==> flow/design.v <==
module rf_n #(
    parameter NREGS = 10,
    parameter DATA_WIDTH = 4,
    parameter ABITS = $clog2(NREGS)
) (
    input wire clk,
    input wire clr,
    input wire valid,
    input wire wr,
    input wire [ABITS-1:0] wr_idx,
    input wire [DATA_WIDTH-1:0] write_data,
    input wire [ABITS-1:0] rsel1,
    input wire [ABITS-1:0] rsel2,
    output wire [DATA_WIDTH-1:0] read_data1,
    output wire [DATA_WIDTH-1:0] read_data2
);
    reg wr_d1;
    always @(posedge clk) begin
        if (clr) begin
            wr_d1 <= 1'b0;
        end else if (valid) begin
            wr_d1 <= wr;
        end
    end
    reg [ABITS-1:0] wr_idx_d1;
    always @(posedge clk) begin
        if (clr) begin
            wr_idx_d1 <= 0;
        end else if (valid) begin
            wr_idx_d1 <= wr_idx;
        end
    end
    reg [DATA_WIDTH-1:0] write_data_d1;
    always @(posedge clk) begin
        if (clr) begin
            write_data_d1 <= 0;
        end else if (valid) begin
            write_data_d1 <= write_data;
        end
    end
    reg [DATA_WIDTH-1:0] regs [NREGS-1:0];
    always @(posedge clk) begin
        if (valid && wr_d1 && wr_idx_d1 != 0)
            regs[wr_idx_d1] <= write_data_d1;
    end
    reg [ABITS-1:0] rsel1_d1;
    always @(posedge clk) begin
        if (clr) begin
            rsel1_d1 <= 0;
        end else if (valid) begin
            rsel1_d1 <= rsel1;
        end
    end
    reg [ABITS-1:0] rsel2_d1;
    always @(posedge clk) begin
        if (clr) begin
            rsel2_d1 <= 0;
        end else if (valid) begin
            rsel2_d1 <= rsel2;
        end
    end
    assign read_data1 = (rsel1_d1 == 0) ? {DATA_WIDTH{1'b0}} : regs[rsel1_d1];
    assign read_data2 = (rsel2_d1 == 0) ? {DATA_WIDTH{1'b0}} : regs[rsel2_d1];
endmodule
* Tool chain data of rf_n *
The steps from the RTL of rf_n to its reports follow in flow order.
Lines are those of the file above, counted from 1.
Cell names lack the library's common part.
A cell with - has no value.

design
  top module = rf_n
  clock input = clk
  cell library = sky130hd
  corner = tt_025C_1v80

* After elaboration *
Counts by Yosys on the flattened word-level netlist (proc, flatten, opt, wreduce; memories kept). Print and check cells are left out. Cells with the same type and inputs are merged into one.
Yosys's memory passes give these memory sizes; they may raise the number of words (mostly to a power of two), join words into wider ones and drop unused or constant bits.

bit counts
  output and inout bits = 8
  flip-flop bits (word level) = 17
  memories kept = 1
  input port bits = 20
  clocked read ports x word width = 8
  elaborated cells = 20
  RAM bits = 40

memories
  name  depth  width  rd ports  write ports  line  RTL
  regs  10     4      2         1            41    reg [DATA_WIDTH-1:0] regs [NREGS-1:0];

operators by class
  reduce/logical cells = 5
  mux-type cells = 9

operator list
  operator            count
  two-way mux 4 bit   8
  logical NOT 4 bit   2
  nonzero test 4 bit  1
  logical AND 1 bit   2
  two-way mux 1 bit   1

* Depth *
Longest topological path by Yosys (ltp), each cell counted once; first at word level (registers and memories cut), then after technology mapping (sequential cells cut; the memories' decode and read muxes count).

logic depth
  depth after elaboration = 3
  ABC_AREA = 0
  gate-level depth with buffers = 4
  mapped depth without buffers = 3

* Synthesis result *
Source: synth_stat.txt of the flow (Yosys; design flattened, memories mapped). It holds for the ABC_AREA given above (unset counts as 0); a run with the other value may have another netlist.

cell types
  cell type  count  area in all (um^2)
  edfxtp_1   40     1.2E+03
  dfxtp_1    25     500.48
  mux4_1     14     367.853
  mux2i_1    25     250.24
  nor2_1     24     90.086
  a211oi_1   8      60.058
  o22ai_1    8      50.048
  mux4_2     2      45.043
  nand2b_1   4      25.024
  buf_6      2      22.522
  nor4_1     3      18.768
  or2_2      2      12.512
  buf_1      3      11.261
  buf_2      2      10.01
  clkbuf_2   2      10.01
  nor3_1     2      10.01
  nand4b_1   1      8.758
  or3b_2     1      8.758

Not listed: further types 5, cells in them 5.

mapped netlist
  cell count = 173
  flip-flops = 65
  sequential area = 1701.6 um^2
  mapped area = 2726.4 um^2

* Timing after synthesis *
Source: OpenSTA report_checks on the synthesized netlist (no wires, ideal clock, input and output delay 20% of the period each), path of least setup slack; recovery checks are left aside. Register names are those of the netlist, which keeps one name where synthesis merged equal registers.

path after synthesis
  path kind = in2reg
  start point = input valid
  end point = memory regs[1][0]
  setup slack = 0.314 ns
  data arrival time = 1.269 ns
  library setup time = 0.377 ns
  stages = 3
  input delay = 0.392 ns
  buffers on the path = 1
  clock period = 1.96 ns
  path delay = 1.254 ns
  period reached after synthesis = 1.646 ns

"path delay" = arrival - input delay + setup time.
"stages": output pins that drive a net of the path, with the launching flip-flop's if there is one; two outputs of one cell count as two.
"period reached after synthesis" = period - worst setup slack (recovery checks aside). The figure is calculated, with input and output delays left at 20% of the set period.
The rows between start and end are the longest chain of elaborated cells between them; the timing report does not say that the signal goes this way. Where chains are equally long, one stands for them.
Each line given opens the expression or statement behind the cell; cells for indexed reads and writes are added by Yosys, which also makes memories of some case tables.
The path ends at the enable pin of a flip-flop; only ways to that pin are counted.

on the way, after synthesis
  cell sequence = buf_2 nand2_1 nor4_1
  length of the longest elaborated chain = 3
  elaborated cells between the ends (all ways) = 4
  source lines of those cells = 1

ends and longest elaborated chain, after synthesis
  what                            line  RTL
  start: declaration              8     input wire valid,
  logical AND 1 bit (2 in a row)  43    if (valid && wr_d1 && wr_idx_d1 != 0)
  two-way mux 4 bit               43
  end: declaration                41    reg [DATA_WIDTH-1:0] regs [NREGS-1:0];

* Worst path after layout *
From the final timing report of entry A: the path of least setup slack in the routed layout; clock arrival at registers is part of the times.

path post-layout
  path kind = reg2out
  start point = register (no name shown)
  end point = output read_data1[1]
  data arrival time = 1.70 ns
  stages = 6
  external output delay = 0.39 ns
  setup slack = -0.13 ns
  buffers on the path = 2
  clock period = 1.96 ns

on the way, post-layout
  cell sequence = dfxtp_2 buf_12 mux4_2 o22ai_2 a211oi_2 buf_2

ends and longest elaborated chain, post-layout
  what              line  RTL
  end: declaration  14    output wire [DATA_WIDTH-1:0] read_data1,

No chain of elaborated cells between the ends is given.

==> results <==
Module rf_n, platform sky130hd: 3 stored runs of the flow (Yosys, OpenROAD) with differing settings, in no particular order. Input and output delays are each 20% of the period that was set; the output load is 0.01 pF.
"achieved period": clock period set for the run, less the worst setup slack. It is reckoned from that one timing run; input and output delays stay at 20% of the period that was set.
By "time of the worst setup path" is meant the share of the clock period that the worst setup path is allowed (20% is reserved at inputs, 20% at outputs), minus its slack. Clock arrival times at its registers enter into it.
By "overall power" is meant OpenSTA's value without simulated activity: inputs other than the clock are taken to toggle once in ten clock periods, and the tool carries that through the logic.
Among the settings, . means not set for that run.

item                                    entry A  entry B  entry C
period_ns                               1.96     1.25     1.18
CAP_MARGIN                              20       40       20
CORE_MARGIN                             2        2        2
CORE_UTILIZATION                        40       47       33
SLEW_MARGIN                             20       20       20
SETUP_SLACK_MARGIN                      .        0.05     0.23
PLACE_DENSITY_LB_ADDON                  .        0.28     .
CELL_PAD_IN_SITES_GLOBAL_PLACEMENT      .        0        1
TNS_END_PERCENT                         .        85       95
ABC_AREA                                .        1        1
GPL_ROUTABILITY_DRIVEN                  .        1        1
MIN_ROUTING_LAYER                       .        met2     met1
PLACE_DENSITY                           .        .        0.56
CORE_ASPECT_RATIO                       .        .        0.86
CELL_PAD_IN_SITES_DETAIL_PLACEMENT      .        .        0
GPL_TIMING_DRIVEN                       .        .        1
total negative slack (ns)               -0.993   -7.129   -9.255
time of the worst setup path (ns)       1.70     1.48     1.46
worst setup path type                   reg2out  reg2out  reg2out
achieved period (ns)                    2.095    1.731    1.691
worst-case hold slack (ns)              0.519    0.465    0.440
full die area (um^2)                    7492.6   6985.6   9797.7
final utilization (%)                   52.1     68.5     47.6
synthesis area (um^2)                   2726.4   2976.6   2976.6
standard-cell area after layout (um^2)  3478.3   4126.5   4209.0
overall power (mW)                      3.242    4.758    4.891
setup slack of the worst path (ns)      -0.135   -0.481   -0.511
